==> flow/design.v <==
module dp_times_v2 (core_clk, RSTN, clk_en, dataa_i, datab_i, clear_i, res_o, vld_o);
  parameter integer XLEN = 4;
  input core_clk;
  input RSTN;
  input clk_en;
  input [XLEN-1:0] dataa_i;
  input [XLEN-1:0] datab_i;
  input clear_i;
  output [2*XLEN-1:0] res_o;
  output vld_o;
  localparam LOGN = $clog2(XLEN + 1);
  reg [XLEN-1:0] mcand;
  always @(posedge core_clk or negedge RSTN) begin
    if (~RSTN) begin
      mcand <= 0;
    end else if (clk_en) begin
      mcand <= clear_i ? dataa_i : mcand;
    end
  end
  reg [LOGN-1:0] steps;
  always @(posedge core_clk or negedge RSTN) begin
    if (~RSTN) begin
      steps <= 0;
    end else if (clk_en) begin
      steps <= clear_i ? XLEN : (steps != 0) ? steps - 1'b1 : steps;
    end
  end
  reg [2*XLEN-1:0] state;
  wire [XLEN:0] nxt;
  assign nxt = state[2*XLEN-1:XLEN] + (state[0] ? mcand : {XLEN{1'b0}});
  always @(posedge core_clk or negedge RSTN) begin
    if (~RSTN) begin
      state <= 0;
    end else if (clk_en) begin
      state <= clear_i ? {{XLEN{1'b0}}, datab_i} : (steps != 0) ? {nxt, state[XLEN-1:1]} : state;
    end
  end
  assign res_o = state;
  assign vld_o = (steps == 0);
endmodule
---- Step by step through the tools: dp_times_v2 ----
The steps from the RTL of dp_times_v2 to its reports follow in flow order.
Lines are those of the file above, counted from 1.
Operators carry their Yosys type and port widths (W data, S select, Z words).
Library cell names are shortened.
A cell with n/a has no value.
set-up
  top ..................................... dp_times_v2
  clock ................................... core_clk
  library ................................. sky130hd
  library corner .......................... tt_025C_1v80

---- Elaborated design ----
Source: Yosys, flattened and elaborated, memories not mapped. Widths are those after wreduce. Registers that Yosys merges into a memory's read port (data or address) are not register bits. Print and check cells do not count. Equal cells are merged and count once.
cells by class
  add/subtract/negate cells ............... 2
  multipliers ............................. 0
  div/mod/pow operators ................... 0
  order comparisons ....................... 0
  equality and inequality tests ........... 0
  shifts and indexed selects .............. 0
  multiplexer cells ....................... 5
  bitwise logic cells ..................... 0
  reductions and logical operators ........ 5
operators with widths
  kind                   count
  $mux W8                2
  $mux W3                2
  $add A4 B4 Y5          1
  $reduce_and A2 Y1      2
  $mux W4                1
  $sub A3 B1 Y3 const B  1
  $logic_not A3 Y1       1
  $reduce_bool A3 Y1     1
  $reduce_bool A2 Y1     1
storage and ports
  flip-flop bits (word level) ............. 15
  latch bits .............................. 0
  memory bits (writable) .................. 0
  memory bits (read-only) ................. 0
  clocked read ports x word width ......... 0
  memories ................................ 0
  input bits .............................. 12
  output and inout bits ................... 9
  cells after elaboration ................. 15

---- Logic depth ----
Longest topological path by Yosys (ltp), each cell counted once; first at word level (registers and memories cut), then after technology mapping (sequential cells cut; the memories' decode and read muxes count).
depth
  depth in word-level cells ............... 4
  ABC_AREA ................................ 0
  gate-level depth with buffers ........... 8
  mapped depth without buffers ............ 8

---- Netlist ----
Yosys stat after the flow's synthesis: flattened, memories mapped to cells. It holds for the ABC_AREA given above (unset counts as 0); a run with the other value may have another netlist.
Totals and module areas in this step are rounded.
cells by type
  cell type  count
  dfrtp_1    15
  ha_1       6
  mux2_2     4
  mux2i_1    4
  nand2_1    10
  inv_1      8
  o21ai_0    5
  fa_1       1
  and2_1     3
  nor2b_1    3
  a2bb2oi_1  2
  o41ai_2    1
  mux2_4     1
  o31ai_1    2
  clkbuf_8   1
  nand2b_4   1
  a31oi_1    2
  o22ai_1    2
Not listed: further types 12, cells in them 12.
synthesis totals
  cell count .............................. 83
  cell area after synthesis ............... 901 um2
  sequential area ......................... 375 um2
  mapped flip-flops ....................... 15
  buffer cells ............................ 3

---- Path before layout ----
Path of least setup slack by OpenSTA after synthesis, without wires, with an ideal clock, recovery checks aside; 20% of the period is set as input and as output delay. Where synthesis merged equal registers, the netlist keeps one of their names.
path after synthesis
  kind .................................... register to register
  start ................................... reg state[0]
  end ..................................... reg state[7]
  period .................................. 2,140 ps
  library setup time ...................... 95 ps
  launch time at the first pin ............ 0 ps
  arrival ................................. 1,620 ps
  path slack .............................. 424 ps
  delay of the path ....................... 1,715 ps
  driving pins on the path ................ 9
  path buffers ............................ 0
  period reached after synthesis .......... 1,716 ps
"delay of the path" is the arrival time less input delay plus setup time.
"driving pins on the path": output pins that drive a net of the path, with the launching flip-flop's if there is one; two outputs of one cell count as two.
"period reached after synthesis" is the clock period less the worst setup slack; recovery checks do not enter. This is arithmetic on one report: input and output delays are still those of the set period (20% each).
Between the ends stands the longest chain of elaborated cells between them, by number of cells; it is not shown to be the way that was timed. Of several equally long chains one is given.
A line is the first line of the expression or statement that the cell stems from. Yosys adds cells for indexed reads and writes and turns some case tables into memories.
on the way, after synthesis
  cell sequence ........................... dfrtp_1 > and2_1 > ha_1 > inv_1 > fa_1 > and2b_1 > o21a_1 > nor2_1 > o31ai_1
  cells in the longest elaborated chain ... 4
ends and longest elaborated chain, after synthesis
  element               RTL line  source
  from (decl)           28        reg [2*XLEN-1:0] state;
  from (assign)         33        state <= 0;
  from (assign)         35        state <= clear_i ? {{XLEN{1'b0}}, datab_i} : (steps != 0) ? {nxt, state[XLEN-1:1]} : state;
  $mux W4               30        assign nxt = state[2*XLEN-1:XLEN] + (state[0] ? mcand : {XLEN{1'b0}});
  $add A4 B4 Y5         30
  $mux W8 (2 in a row)  35
  to (assign)           33
  to (assign)           35
  to (decl)             28

---- Worst path after layout ----
Path of least setup slack in the final report of job 1 (OpenROAD, finished layout, wires in). Where an end is a register, its clock arrival counts in the times.
The path's times are printed in steps of 10 ps; the period is the one set.
path after layout
  kind .................................... register to output
  start ................................... reg steps[0]
  end ..................................... out vld_o
  period .................................. 2,140 ps
  launch time at the first pin ............ 290 ps
  arrival ................................. 1,540 ps
  path slack .............................. 170 ps
  driving pins on the path ................ 6
  path buffers ............................ 1
Between the ends stands the longest chain of elaborated cells between them, by number of cells; it is not shown to be the way that was timed. Of several equally long chains one is given.
on the way, after layout
  cell sequence ........................... dfrtp_1 > inv_1 > ha_2 > nand2b_4 > inv_1 > dlygate4sd2_1
  cells in the longest elaborated chain ... 1
ends and longest elaborated chain, after layout
  element           RTL line  source
  from (decl)       20        reg [LOGN-1:0] steps;
  from (assign)     23        steps <= 0;
  from (assign)     25        steps <= clear_i ? XLEN : (steps != 0) ? steps - 1'b1 : steps;
  $logic_not A3 Y1  39        assign vld_o = (steps == 0);
  to (decl)         10        output vld_o;

# Flow runs of dp_times_v2

Design dp_times_v2 on sky130hd. What follows are 3 stored runs of the flow, each under its own settings; their order means nothing. The constraints put input and output delay at 20% of the set period each and load the outputs with 0.01 pF.
"achieved clock period" means the clock period less the worst setup slack. The figure is calculated, with input and output delays left at 20% of the set period.
"total design power": no workload was simulated; the value follows from the tool's default switching activity.
Values from the reports are rounded here.

======== job 1 ========
==> flow/run.sh <==
#!/bin/bash
# the make line also repeats the synthesis and layout settings of config.mk as NAME=value (left out here)
make -C /OpenROAD-flow-scripts/flow DESIGN_CONFIG=/design/flow/config.mk WORK_HOME=/design/flow/orfs CLKGATE_MAP_FILE= finish
==> flow/config.mk <==
export PLATFORM = sky130hd
export DESIGN_NAME = dp_times_v2
export DESIGN_NICKNAME = dp_times_v2
export VERILOG_FILES = /design/flow/design.v
export SDC_FILE = /design/flow/constraint.sdc
export NUM_CORES = 4
export LEC_CHECK = 0
export CAP_MARGIN = 20
export CORE_MARGIN = 2
export CORE_UTILIZATION = 40
export SLEW_MARGIN = 20
==> flow/constraint.sdc <==
create_clock -name core_clock -period 2.14 [get_ports {core_clk}]
set_input_delay 0.4280 -clock core_clock [delete_from_list [all_inputs] [get_ports {core_clk}]]
set_output_delay 0.4280 -clock core_clock [all_outputs]
set_load 0.01 [all_outputs]

-------- measured, job 1 --------
  smallest setup slack .................... 168 ps
  total design power ...................... 1.18 mW
  achieved clock period ................... 1,972 ps
  sum of negative setup slack ............. 0 ps
  area of the standard cells in the finished layout .. 1,150 um2
  netlist area reported by Yosys .......... 901 um2
  die area ................................ 2,650 um2

======== job 2 ========
==> flow/run.sh <==
#!/bin/bash
# the make line also repeats the synthesis and layout settings of config.mk as NAME=value (left out here)
make -C /OpenROAD-flow-scripts/flow DESIGN_CONFIG=/design/flow/config.mk WORK_HOME=/design/flow/orfs CLKGATE_MAP_FILE= finish
==> flow/config.mk <==
export PLATFORM = sky130hd
export DESIGN_NAME = dp_times_v2
export DESIGN_NICKNAME = dp_times_v2
export VERILOG_FILES = /design/flow/design.v
export SDC_FILE = /design/flow/constraint.sdc
export NUM_CORES = 4
export LEC_CHECK = 0
export CAP_MARGIN = 20
export CELL_PAD_IN_SITES_DETAIL_PLACEMENT = 0
export CORE_MARGIN = 10
export CORE_UTILIZATION = 72
export CTS_CLUSTER_DIAMETER = 334
export GPL_TIMING_DRIVEN = 0
export MIN_ROUTING_LAYER = met2
export PLACE_DENSITY = 0.61
export SLEW_MARGIN = 5
==> flow/constraint.sdc <==
create_clock -name core_clock -period 2.27 [get_ports {core_clk}]
set_input_delay 0.4540 -clock core_clock [delete_from_list [all_inputs] [get_ports {core_clk}]]
set_output_delay 0.4540 -clock core_clock [all_outputs]
set_load 0.01 [all_outputs]

-------- job 2 --------
  incomplete, placement halted on GPL-0301

======== job 3 ========
==> flow/run.sh <==
#!/bin/bash
# the make line also repeats the synthesis and layout settings of config.mk as NAME=value (left out here)
make -C /OpenROAD-flow-scripts/flow DESIGN_CONFIG=/design/flow/config.mk WORK_HOME=/design/flow/orfs CLKGATE_MAP_FILE= finish
==> flow/config.mk <==
export PLATFORM = sky130hd
export DESIGN_NAME = dp_times_v2
export DESIGN_NICKNAME = dp_times_v2
export VERILOG_FILES = /design/flow/design.v
export SDC_FILE = /design/flow/constraint.sdc
export NUM_CORES = 4
export LEC_CHECK = 0
export CAP_MARGIN = 20
export CELL_PAD_IN_SITES_DETAIL_PLACEMENT = 0
export CELL_PAD_IN_SITES_GLOBAL_PLACEMENT = 1
export CORE_MARGIN = 9
export CORE_UTILIZATION = 23
export CTS_CLUSTER_SIZE = 94
export SETUP_SLACK_MARGIN = -0.09
export SLEW_MARGIN = 20
==> flow/constraint.sdc <==
create_clock -name core_clock -period 2.02 [get_ports {core_clk}]
set_input_delay 0.4040 -clock core_clock [delete_from_list [all_inputs] [get_ports {core_clk}]]
set_output_delay 0.4040 -clock core_clock [all_outputs]
set_load 0.01 [all_outputs]

-------- measured, job 3 --------
  smallest setup slack .................... 126 ps
  total design power ...................... 1.32 mW
  achieved clock period ................... 1,894 ps
  sum of negative setup slack ............. 0 ps
  area of the standard cells in the finished layout .. 1,210 um2
  netlist area reported by Yosys .......... 901 um2
  die area ................................ 6,490 um2
